==> flow/design.v <==
module mul_unit #(
  parameter DATA_W = 20
) (
  input  clk_i,
  input  clk_en,
  input  [DATA_W-1:0] rs1_in,
  input  [DATA_W-1:0] rs2_in,
  output reg [2*DATA_W-1:0] prod_out
);
  reg [DATA_W-1:0] rs1_r;
  reg [DATA_W-1:0] rs2_r;
  reg [2*DATA_W-1:0] r;
  integer k;
  always @* begin
    r = 0;
    for (k = 0; k < DATA_W; k = k + 1)
      if (rs2_r[k]) r = r + (rs1_r << k);
  end
  always @(posedge clk_i) begin
    if (clk_en) begin
      rs1_r <= rs1_in;
      rs2_r <= rs2_in;
      prod_out <= r;
    end
  end
endmodule
== From RTL to reports: mul_unit ==
What the tools print for mul_unit, step after step.
Line numbers count from 1 in the design file above.
Cell names lack the library's common part.
A cell with - has no value.

* Top module: mul_unit
* Clock input: clk_i
* Standard-cell library: sky130hd
* Timing corner: tt_025C_1v80

== Elaborated design ==
Yosys after proc, flatten, opt, wreduce and memory -nomap, before mapping. Enables and synchronous resets that opt folds into registers are not counted as muxes. Memory bits, and registers merged into a memory's read port (data or address), are not among the register bits. Print and check cells are not counted. Equal cells are merged and count once.

* Cells after elaboration: 42
* Bits in registers: 80

* Muxes and demuxes: 20
* Add/subtract/negate cells: 19

{| class="wikitable"
|+ Operators with widths
! operator !! number
|-
| 40-bit 2-to-1 mux || 19
|-
| 40-bit by 21-bit adder with 40-bit output || 1
|-
| 40-bit by 22-bit adder with 40-bit output || 1
|-
| 40-bit by 23-bit adder with 40-bit output || 1
|-
| 40-bit by 24-bit adder with 40-bit output || 1
|-
| 40-bit by 25-bit adder with 40-bit output || 1
|-
| 40-bit by 26-bit adder with 40-bit output || 1
|-
| 40-bit by 27-bit adder with 40-bit output || 1
|-
| 40-bit by 28-bit adder with 40-bit output || 1
|-
| 40-bit by 29-bit adder with 40-bit output || 1
|-
| 40-bit by 30-bit adder with 40-bit output || 1
|-
| 40-bit by 31-bit adder with 40-bit output || 1
|-
| 40-bit by 32-bit adder with 40-bit output || 1
|-
| 40-bit by 33-bit adder with 40-bit output || 1
|-
| 40-bit by 34-bit adder with 40-bit output || 1
|-
| 40-bit by 35-bit adder with 40-bit output || 1
|-
| 40-bit by 36-bit adder with 40-bit output || 1
|-
| 40-bit by 37-bit adder with 40-bit output || 1
|-
| 40-bit by 38-bit adder with 40-bit output || 1
|-
| 40-bit by 39-bit adder with 40-bit output || 1
|-
| 20-bit 2-to-1 mux || 1
|}

== Depth ==
Longest topological path by Yosys (ltp), each cell counted once; first at word level (registers and memories cut), then after technology mapping (sequential cells cut; the memories' decode and read muxes count).

* Word-level depth: 39
* ABC_AREA: 1
* Depth in mapped cells: 166

== Netlist ==
The flow's flattened synthesis, as Yosys stat reports it; memories are mapped. The netlist is that of the ABC_AREA named above (0 if unset); the other value can give another one.
Totals and module areas in this step are rounded.

* Flip-flops: 80
* Sequential part of the area: 2402 um2
* Chip area (Yosys): 24610 um2
* Buffer cells: 79
* Cell count: 4002

{| class="wikitable"
|+ Cell types
! type !! number !! total area (um2)
|-
| ha_1 || 379 || 4.74E+03
|-
| nand2_1 || 1092 || 4.1E+03
|-
| edfxtp_1 || 80 || 2.4E+03
|-
| nand3_1 || 385 || 1.93E+03
|-
| a21oi_1 || 332 || 1.66E+03
|-
| inv_1 || 442 || 1.66E+03
|-
| xor2_1 || 125 || 1094.8
|-
| o21ai_0 || 210 || 1.05E+03
|-
| nor2_1 || 223 || 837.053
|-
| xnor2_1 || 83 || 726.947
|-
| and2_1 || 84 || 525.504
|-
| or2_2 || 61 || 381.616
|-
| fa_1 || 19 || 380.365
|-
| o21ai_1 || 76 || 380.365
|-
| o21ai_2 || 39 || 341.578
|-
| nand4_1 || 35 || 218.96
|-
| o21bai_1 || 28 || 210.202
|-
| a31oi_1 || 25 || 156.4
|}

Not listed: further types 38, cells in them 284.

== Path before layout ==
Source: OpenSTA report_checks on the synthesized netlist (no wires, ideal clock, input and output delay 20% of the period each), path of least setup slack; recovery checks are left aside. Register names are those of the netlist, which keeps one name where synthesis merged equal registers.

* Path type: register to register
* Start: register rs2_r[0]
* End: register prod_out[39]
* Arrival: 22.102 ns
* Required time: 33.345 ns
* Setup time: 0.255 ns
* Period: 33.6 ns
* Stages on the path: 142
* Path slack: 11.243 ns
* Delay of the path: 22.357 ns
* Synthesis period reached: 22.357 ns

"delay of the path" is the arrival time less input delay plus setup time.
"stages on the path" counts driving pins, that of a launching flip-flop among them; a cell with two outputs on the path counts twice.
"synthesis period reached" is the clock period less the worst setup slack; recovery checks do not enter. This is arithmetic on one report: input and output delays are still those of the set period (20% each).
The rows between start and end are the longest chain of elaborated cells between them; the timing report does not say that the signal goes this way. Where chains are equally long, one stands for them.
A line is the first line of the expression or statement that the cell stems from. Yosys adds cells for indexed reads and writes and turns some case tables into memories.

* Path through: edfxtp_1 > buf_6 > buf_12 > clkbuf_1 > nand2_1 > inv_1 > ha_1 > fa_1 > or2_2 > nand3_1 > o21ai_0 > ha_1 > nand2_1 > o21ai_0 > nand3_1 > nand2_1 > xnor2_1 > o21ai_0 > [106 not listed] > nor2_1 > o21ai_1 > nand2_1 > or2_2 > nand3_1 > nand2_1 > ha_1 > nand2_1 > o21ai_0 > nor2_1 > o31ai_1 > ha_1 > a21oi_1 > nand2_1 > nand2_1 > a21boi_0 > o21ai_0 > inv_1
* Length of the longest elaborated chain: 39

{| class="wikitable"
|+ RTL lines, path post-synthesis
! element !! RTL line !! text
|-
| from (decl) || 11 || <nowiki>reg [DATA_W-1:0] rs2_r;</nowiki>
|-
| from (assign) || 22 || <nowiki>rs2_r <= rs2_in;</nowiki>
|-
| 20-bit 2-to-1 mux || 17 || <nowiki>if (rs2_r[k]) r = r + (rs1_r << k);</nowiki>
|-
| 40-bit by 21-bit adder with 40-bit output || 17 ||
|-
| 40-bit 2-to-1 mux || 17 ||
|-
| 40-bit by 22-bit adder with 40-bit output || 17 ||
|-
| 40-bit 2-to-1 mux || 17 ||
|-
| 40-bit by 23-bit adder with 40-bit output || 17 ||
|-
| 40-bit 2-to-1 mux || 17 ||
|-
| [25 not listed] || - ||
|-
| 40-bit 2-to-1 mux || 17 ||
|-
| 40-bit by 37-bit adder with 40-bit output || 17 ||
|-
| 40-bit 2-to-1 mux || 17 ||
|-
| 40-bit by 38-bit adder with 40-bit output || 17 ||
|-
| 40-bit 2-to-1 mux || 17 ||
|-
| 40-bit by 39-bit adder with 40-bit output || 17 ||
|-
| 40-bit 2-to-1 mux || 17 ||
|-
| to (assign) || 23 || <nowiki>prod_out <= r;</nowiki>
|-
| to (decl) || 8 || <nowiki>output reg [2*DATA_W-1:0] prod_out</nowiki>
|}

== Timing after layout ==
From the final timing report of entry A: the path of least setup slack in the routed layout; clock arrival at registers is part of the times.

* Path type: register to register
* Start: register rs2_r[0]
* End: register prod_out[38]
* Period: 21.6 ns
* Path slack: -0.20 ns
* Arrival: 21.97 ns
* Stages on the path: 148
* Required time: 21.77 ns
* Setup time: 0.27 ns

The rows between start and end are the longest chain of elaborated cells between them; the timing report does not say that the signal goes this way. Where chains are equally long, one stands for them.

* Path through: edfxtp_1 > buf_6 > buf_12 > buf_8 > nand2_4 > nand2_4 > nand2_4 > buf_4 > nand2_4 > nor2_4 > a21oi_4 > xor2_1 > a21oi_2 > buf_4 > ha_4 > nand2_4 > nand2_4 > o21bai_4 > [112 not listed] > buf_4 > o21ai_1 > nand2_1 > or2_4 > nand3_2 > nand2_2 > ha_4 > a21oi_2 > o21ai_2 > nand2_1 > inv_1 > o31ai_4 > buf_4 > ha_4 > a21oi_2 > o21ai_1 > xnor2_1 > o21ai_1
* Length of the longest elaborated chain: 39

{| class="wikitable"
|+ RTL lines, path after layout
! element !! RTL line !! text
|-
| from (decl) || 11 || <nowiki>reg [DATA_W-1:0] rs2_r;</nowiki>
|-
| from (assign) || 22 || <nowiki>rs2_r <= rs2_in;</nowiki>
|-
| 20-bit 2-to-1 mux || 17 || <nowiki>if (rs2_r[k]) r = r + (rs1_r << k);</nowiki>
|-
| 40-bit by 21-bit adder with 40-bit output || 17 ||
|-
| 40-bit 2-to-1 mux || 17 ||
|-
| 40-bit by 22-bit adder with 40-bit output || 17 ||
|-
| 40-bit 2-to-1 mux || 17 ||
|-
| 40-bit by 23-bit adder with 40-bit output || 17 ||
|-
| 40-bit 2-to-1 mux || 17 ||
|-
| [25 not listed] || - ||
|-
| 40-bit 2-to-1 mux || 17 ||
|-
| 40-bit by 37-bit adder with 40-bit output || 17 ||
|-
| 40-bit 2-to-1 mux || 17 ||
|-
| 40-bit by 38-bit adder with 40-bit output || 17 ||
|-
| 40-bit 2-to-1 mux || 17 ||
|-
| 40-bit by 39-bit adder with 40-bit output || 17 ||
|-
| 40-bit 2-to-1 mux || 17 ||
|-
| to (assign) || 23 || <nowiki>prod_out <= r;</nowiki>
|-
| to (decl) || 8 || <nowiki>output reg [2*DATA_W-1:0] prod_out</nowiki>
|}

Lab notebook: mul_unit

Below are 3 stored runs of the flow (Yosys, OpenROAD; platform sky130hd) on mul_unit, each with its settings and what was measured, unordered. Constraints: input delay and output delay 20% of the set period each, output load 0.01 pF.
By "time of the worst setup path" is meant the share of the clock period that the worst setup path is allowed (20% is reserved at inputs, 20% at outputs), minus its slack. Clock arrival times at its registers enter into it.
Measured values are rounded.

=== Entry A ===
{| class="wikitable"
! Setting !! Value
|-
| period_ns || 21.6
|-
| CORE_UTILIZATION || 16
|-
| SETUP_SLACK_MARGIN || 3.66
|-
| PLACE_DENSITY_LB_ADDON || 0.24
|-
| CORE_ASPECT_RATIO || 0.5
|-
| CELL_PAD_IN_SITES_GLOBAL_PLACEMENT || 3
|-
| CELL_PAD_IN_SITES_DETAIL_PLACEMENT || 1
|-
| TNS_END_PERCENT || 75
|-
| ABC_AREA || 1
|-
| CTS_CLUSTER_SIZE || 49
|-
| CTS_CLUSTER_DIAMETER || 347
|-
| CAP_MARGIN || 30
|-
| MAX_ROUTING_LAYER || met5
|-
| CORE_MARGIN || 2
|-
| SLEW_MARGIN || 20
|-
! Result !! Value
|-
| Standard-cell area after layout || 50300 um2
|-
| Time of the worst setup path || 21.80 ns
|-
| Worst setup path type || register to register
|-
| Die footprint || 157200 um2
|-
| Worst hold slack in the final report || 0.798 ns
|-
| Synthesized cell area || 24610 um2
|-
| Worst slack on setup checks || -0.198 ns
|-
| Utilization of the finished layout || 0.33
|}

=== Entry B ===
{| class="wikitable"
! Setting !! Value
|-
| period_ns || 41.0
|-
| CORE_UTILIZATION || 46
|-
| SETUP_SLACK_MARGIN || 5.0
|-
| PLACE_DENSITY_LB_ADDON || 0.08
|-
| CORE_ASPECT_RATIO || 1.57
|-
| TNS_END_PERCENT || 35
|-
| ABC_AREA || 0
|-
| GPL_TIMING_DRIVEN || 1
|-
| CTS_CLUSTER_DIAMETER || 321
|-
| CAP_MARGIN || 15
|-
| MAX_ROUTING_LAYER || met4
|-
| CORE_MARGIN || 2
|-
| SLEW_MARGIN || 20
|-
! Result !! Value
|-
| Standard-cell area after layout || 28230 um2
|-
| Time of the worst setup path || 32.42 ns
|-
| Worst setup path type || register to register
|-
| Die footprint || 58870 um2
|-
| Worst hold slack in the final report || 0.879 ns
|-
| Synthesized cell area || 26170 um2
|-
| Worst slack on setup checks || 8.579 ns
|-
| Utilization of the finished layout || 0.501
|}

=== Entry C ===
{| class="wikitable"
! Setting !! Value
|-
| period_ns || 33.6
|-
| CAP_MARGIN || 20
|-
| CORE_MARGIN || 2
|-
| CORE_UTILIZATION || 40
|-
| SLEW_MARGIN || 20
|-
! Result !! Value
|-
| Standard-cell area after layout || 28320 um2
|-
| Time of the worst setup path || 30.92 ns
|-
| Worst setup path type || register to register
|-
| Die footprint || 67490 um2
|-
| Worst hold slack in the final report || 0.860 ns
|-
| Synthesized cell area || 26170 um2
|-
| Worst slack on setup checks || 2.679 ns
|-
| Utilization of the finished layout || 0.439
|}
